==> flow/design.v <==
module adder_la4 (
  input wire [3:0] a,
  input wire [3:0] b,
  input wire ci,
  output wire [3:0] s,
  output wire co
);
  wire [3:0] g = a & b;
  wire [3:0] p = a ^ b;
  wire c1 = g[0] | (p[0] & ci);
  wire c2 = g[1] | (p[1] & g[0]) | (p[1] & p[0] & ci);
  wire c3 = g[2] | (p[2] & g[1]) | (p[2] & p[1] & g[0]) | (p[2] & p[1] & p[0] & ci);
  assign co = g[3] | (p[3] & g[2]) | (p[3] & p[2] & g[1]) | (p[3] & p[2] & p[1] & g[0]) | (&p & ci);
  assign s = p ^ {c3, c2, c1, ci};
endmodule
module adder #(
  parameter WIDTH = 72
) (
  input wire ck,
  input wire clk_en,
  input wire [WIDTH-1:0] src1_i,
  input wire [WIDTH-1:0] src2_i,
  input wire c0_i,
  output reg [WIDTH-1:0] res_o,
  output reg ovf_o
);
  reg [WIDTH-1:0] src1_d1;
  reg [WIDTH-1:0] src2_d1;
  reg c0_d1;
  always @(posedge ck) begin
    if (clk_en) begin
      src1_d1 <= src1_i;
      src2_d1 <= src2_i;
      c0_d1 <= c0_i;
    end
  end
  localparam GROUPS = WIDTH / 4;
  wire [WIDTH-1:0] t;
  wire [GROUPS:0] cy;
  assign cy[0] = c0_d1;
  genvar ii;
  generate
    for (ii = 0; ii < GROUPS; ii = ii + 1) begin : row
      adder_la4 u (.a(src1_d1[4*ii +: 4]), .b(src2_d1[4*ii +: 4]), .ci(cy[ii]), .s(t[4*ii +: 4]), .co(cy[ii+1]));
    end
  endgenerate
  always @(posedge ck) begin
    if (clk_en) begin
      res_o <= t;
      ovf_o <= cy[GROUPS];
    end
  end
endmodule
# From RTL to reports: adder
# What the tools print for adder, step after step.
# Line numbers count from 1 in the design file above.
# Operators carry their Yosys type and port widths (W data, S select, Z words).
# Cell names lack the library's common part.
# Not given: n/a
# setup
top	adder
clock_port	ck
cell_library	sky130hd
pvt_corner	tt_025C_1v80

# Word level
# Yosys after proc, flatten, opt, wreduce and memory -nomap, before mapping. Enables and synchronous resets that opt folds into registers are not counted as muxes. Memory bits, and registers merged into a memory's read port (data or address), are not among the register bits. Print and check cells are not counted. Equal cells are merged and count once.
# op_classes
reduce_logical	18
bitwise	504
# ops
cell	count
$and A1 B1 Y1	270
$or A1 B1 Y1	180
$xor A4 B4 Y4	36
$and A4 B4 Y4	18
$reduce_and A4 Y1	18
# word_totals
elab_cells	527
reg_bits	218

# Logic depth
# Yosys ltp: most cells in a row. Word level: on the elaborated netlist, between registers, memories and ports. Mapped: between sequential cells and ports; inverters and the memories' decode and read muxes count.
# logic_depth
word_depth	41
ABC_AREA	0
ltp_mapped	12

# Netlist
# Source: synth_stat.txt of the flow (Yosys; design flattened, memories mapped). It holds for the ABC_AREA given above (unset counts as 0); a run with the other value may have another netlist.
# The area totals of this step are shown rounded.
# by_type
cell_type	count	type_area_um2
edfxtp_1	218	6.55E+03
ha_1	72	900.864
fa_1	18	360.346
xor2_1	28	245.235
a21oi_1	41	205.197
xnor2_1	19	166.41
a21o_1	16	120.115
o21ai_0	24	120.115
nor2_1	25	93.84
nand2_1	24	90.086
inv_1	18	67.565
nor3_1	9	45.043
nand4_1	7	43.792
a31oi_1	6	37.536
nand2b_1	6	37.536
nand4_2	3	37.536
and3_1	5	31.28
a211oi_1	4	30.029
# Other cell types: 38; their cells: 68.
# mapped
buffers	0
flip_flops	218
mapped_area_um2	9700
cell_count	611
# The figures by module come from a second, unflattened synthesis with its own total; it is not the netlist above.
# hier_totals
cells_unflattened	524
hier_area_um2	9200
# Each row is one instance without its submodules.
# by_module
module	mod_area_um2	n_inst	n_cells
adder	6500	1	218
adder_la4	150	18	17

# Timing after synthesis
# Path of least setup slack by OpenSTA after synthesis, without wires, with an ideal clock, recovery checks aside; 20% of the period is set as input and as output delay. Where synthesis merged equal registers, the netlist keeps one of their names.
# synth_path
path_kind	reg-to-reg
start	register src2_d1[12]
end	register res_o[69]
required_time_ns	3.808
t_arrival_ns	2.991
delay_ns	3.253
setup_time_ns	0.262
period_ns	4.07
path_stages	13
setup_slack_ns	0.817
synth_period_reached_ns	3.253
# "delay_ns" = arrival - input delay + setup time.
# "path_stages" counts driving pins, that of a launching flip-flop among them; a cell with two outputs on the path counts twice.
# "synth_period_reached_ns" = period - worst setup slack (recovery checks aside). The figure is calculated, with input and output delays left at 20% of the set period.
# Between the ends stands the longest chain of elaborated cells between them, by number of cells; it is not shown to be the way that was timed. Of several equally long chains one is given.
# A line is the first line of the expression or statement that the cell stems from. Yosys adds cells for indexed reads and writes and turns some case tables into memories.
# synth_between
path_cell_list	edfxtp_1 -> ha_1 -> nand4_2 -> o22ai_1 -> a221oi_1 -> a21o_1 -> o2bb2a_4 -> o21a_4 -> o21ba_4 -> or2b_1 -> a21o_1 -> fa_1 -> xor2_1
elab_chain_len	33
cells_between	36
# synth_rtl
element	line_no	rtl
start: declaration	28	reg [WIDTH-1:0] src2_d1;
start: assignment	33	src2_d1 <= src2_i;
$and A4 B4 Y4	8	wire [3:0] g = a & b;
$and A1 B1 Y1	13	assign co = g[3] | (p[3] & g[2]) | (p[3] & p[2] & g[1]) | (p[3] & p[2] & p[1] & g[0]) | (&p & ci);
$or A1 B1 Y1 (2 in a row)	13
$and A1 B1 Y1	13
$or A1 B1 Y1	13
$and A1 B1 Y1	13
$or A1 B1 Y1	13
[... 18 more ...]	n/a
$and A1 B1 Y1	13
$or A1 B1 Y1	13
$and A1 B1 Y1	13
$or A1 B1 Y1	13
$and A1 B1 Y1	10	wire c1 = g[0] | (p[0] & ci);
$or A1 B1 Y1	10
$xor A4 B4 Y4	14	assign s = p ^ {c3, c2, c1, ci};
end: assignment	49	res_o <= t;
end: declaration	24	output reg [WIDTH-1:0] res_o,

# Path in the finished layout
# From the final timing report of entry A: the path of least setup slack in the routed layout; clock arrival at registers is part of the times.
# layout_path
path_kind	reg-to-reg
start	register src2_d1[13]
end	register res_o[45]
path_stages	12
period_ns	5.82
t_arrival_ns	4.04
setup_slack_ns	2.05
setup_time_ns	0.25
required_time_ns	6.09
# Between the ends stands the longest chain of elaborated cells between them, by number of cells; it is not shown to be the way that was timed. Of several equally long chains one is given.
# layout_between
path_cell_list	edfxtp_1 -> ha_1 -> nand4_2 -> o22ai_1 -> a221oi_1 -> a31oi_1 -> nor2_1 -> o21ai_2 -> a211o_1 -> a21bo_2 -> fa_1 -> xor2_1
elab_chain_len	22
cells_between	27
# layout_rtl
element	line_no	rtl
start: declaration	28	reg [WIDTH-1:0] src2_d1;
start: assignment	33	src2_d1 <= src2_i;
$and A4 B4 Y4	8	wire [3:0] g = a & b;
$and A1 B1 Y1	13	assign co = g[3] | (p[3] & g[2]) | (p[3] & p[2] & g[1]) | (p[3] & p[2] & p[1] & g[0]) | (&p & ci);
$or A1 B1 Y1 (3 in a row)	13
$and A1 B1 Y1	13
$or A1 B1 Y1	13
$and A1 B1 Y1	13
$or A1 B1 Y1	13
[... 6 more ...]	n/a
$and A1 B1 Y1	13
$or A1 B1 Y1	13
$and A1 B1 Y1	13
$or A1 B1 Y1	13
$and A1 B1 Y1	10	wire c1 = g[0] | (p[0] & ci);
$or A1 B1 Y1	10
$xor A4 B4 Y4	14	assign s = p ^ {c3, c2, c1, ci};
end: assignment	49	res_o <= t;
end: declaration	24	output reg [WIDTH-1:0] res_o,

# Settings and measured results of 3 stored flow runs for module adder (sky130hd), not sorted in any way. The constraints put input and output delay at 20% of the set period each and load the outputs with 0.01 pF.
# By "achieved_period_ns" is meant the clock period of the run minus its worst setup slack. This is arithmetic on one report: input and output delays are still those of the set period (20% each).
# By "worst_setup_path_time_ns" is meant the share of the clock period that the worst setup path is allowed (20% is reserved at inputs, 20% at outputs), minus its slack. Clock arrival times at its registers enter into it.
# "power.total_w" is the tool's figure for a default switching activity; nothing was simulated.
# The results are shown rounded.
# A setting shown as n/a is not set for that run.
# Results: n/a = not shown.
stored run	period_ns	CORE_UTILIZATION	PLACE_DENSITY_LB_ADDON	CORE_ASPECT_RATIO	CELL_PAD_IN_SITES_DETAIL_PLACEMENT	TNS_END_PERCENT	CTS_CLUSTER_SIZE	CAP_MARGIN	SLEW_MARGIN	CORE_MARGIN	SETUP_SLACK_MARGIN	PLACE_DENSITY	CELL_PAD_IN_SITES_GLOBAL_PLACEMENT	MIN_ROUTING_LAYER	synth_chip_area_um2	total_die_area_um2	cell_area_final_um2	post_route_util_pct	timing.setup.ws_ns	timing.setup.tns_ns	holdWs_ns	power.total_w	achieved_period_ns	worst_setup_path_time_ns	path_kind
entry A	5.82	37	0.21	1.48	0	40	80	0	25	2	n/a	n/a	n/a	n/a	9700	28000	13000	50	2.0	0.000	0.64	0.0044	3.773	3.77	reg-to-reg
entry B	4.07	40	n/a	n/a	n/a	n/a	n/a	20	20	2	n/a	n/a	n/a	n/a	9700	26000	13000	54	0.43	0.000	0.64	0.0062	3.645	3.64	reg-to-reg
entry C	2.38	55	n/a	n/a	n/a	n/a	n/a	10	20	2	-0.1	0.55	2	met2	n/a	n/a	n/a	n/a	n/a	n/a	n/a	n/a	n/a	n/a	n/a
# Entry C: did not finish, placement stopped with GPL-0301
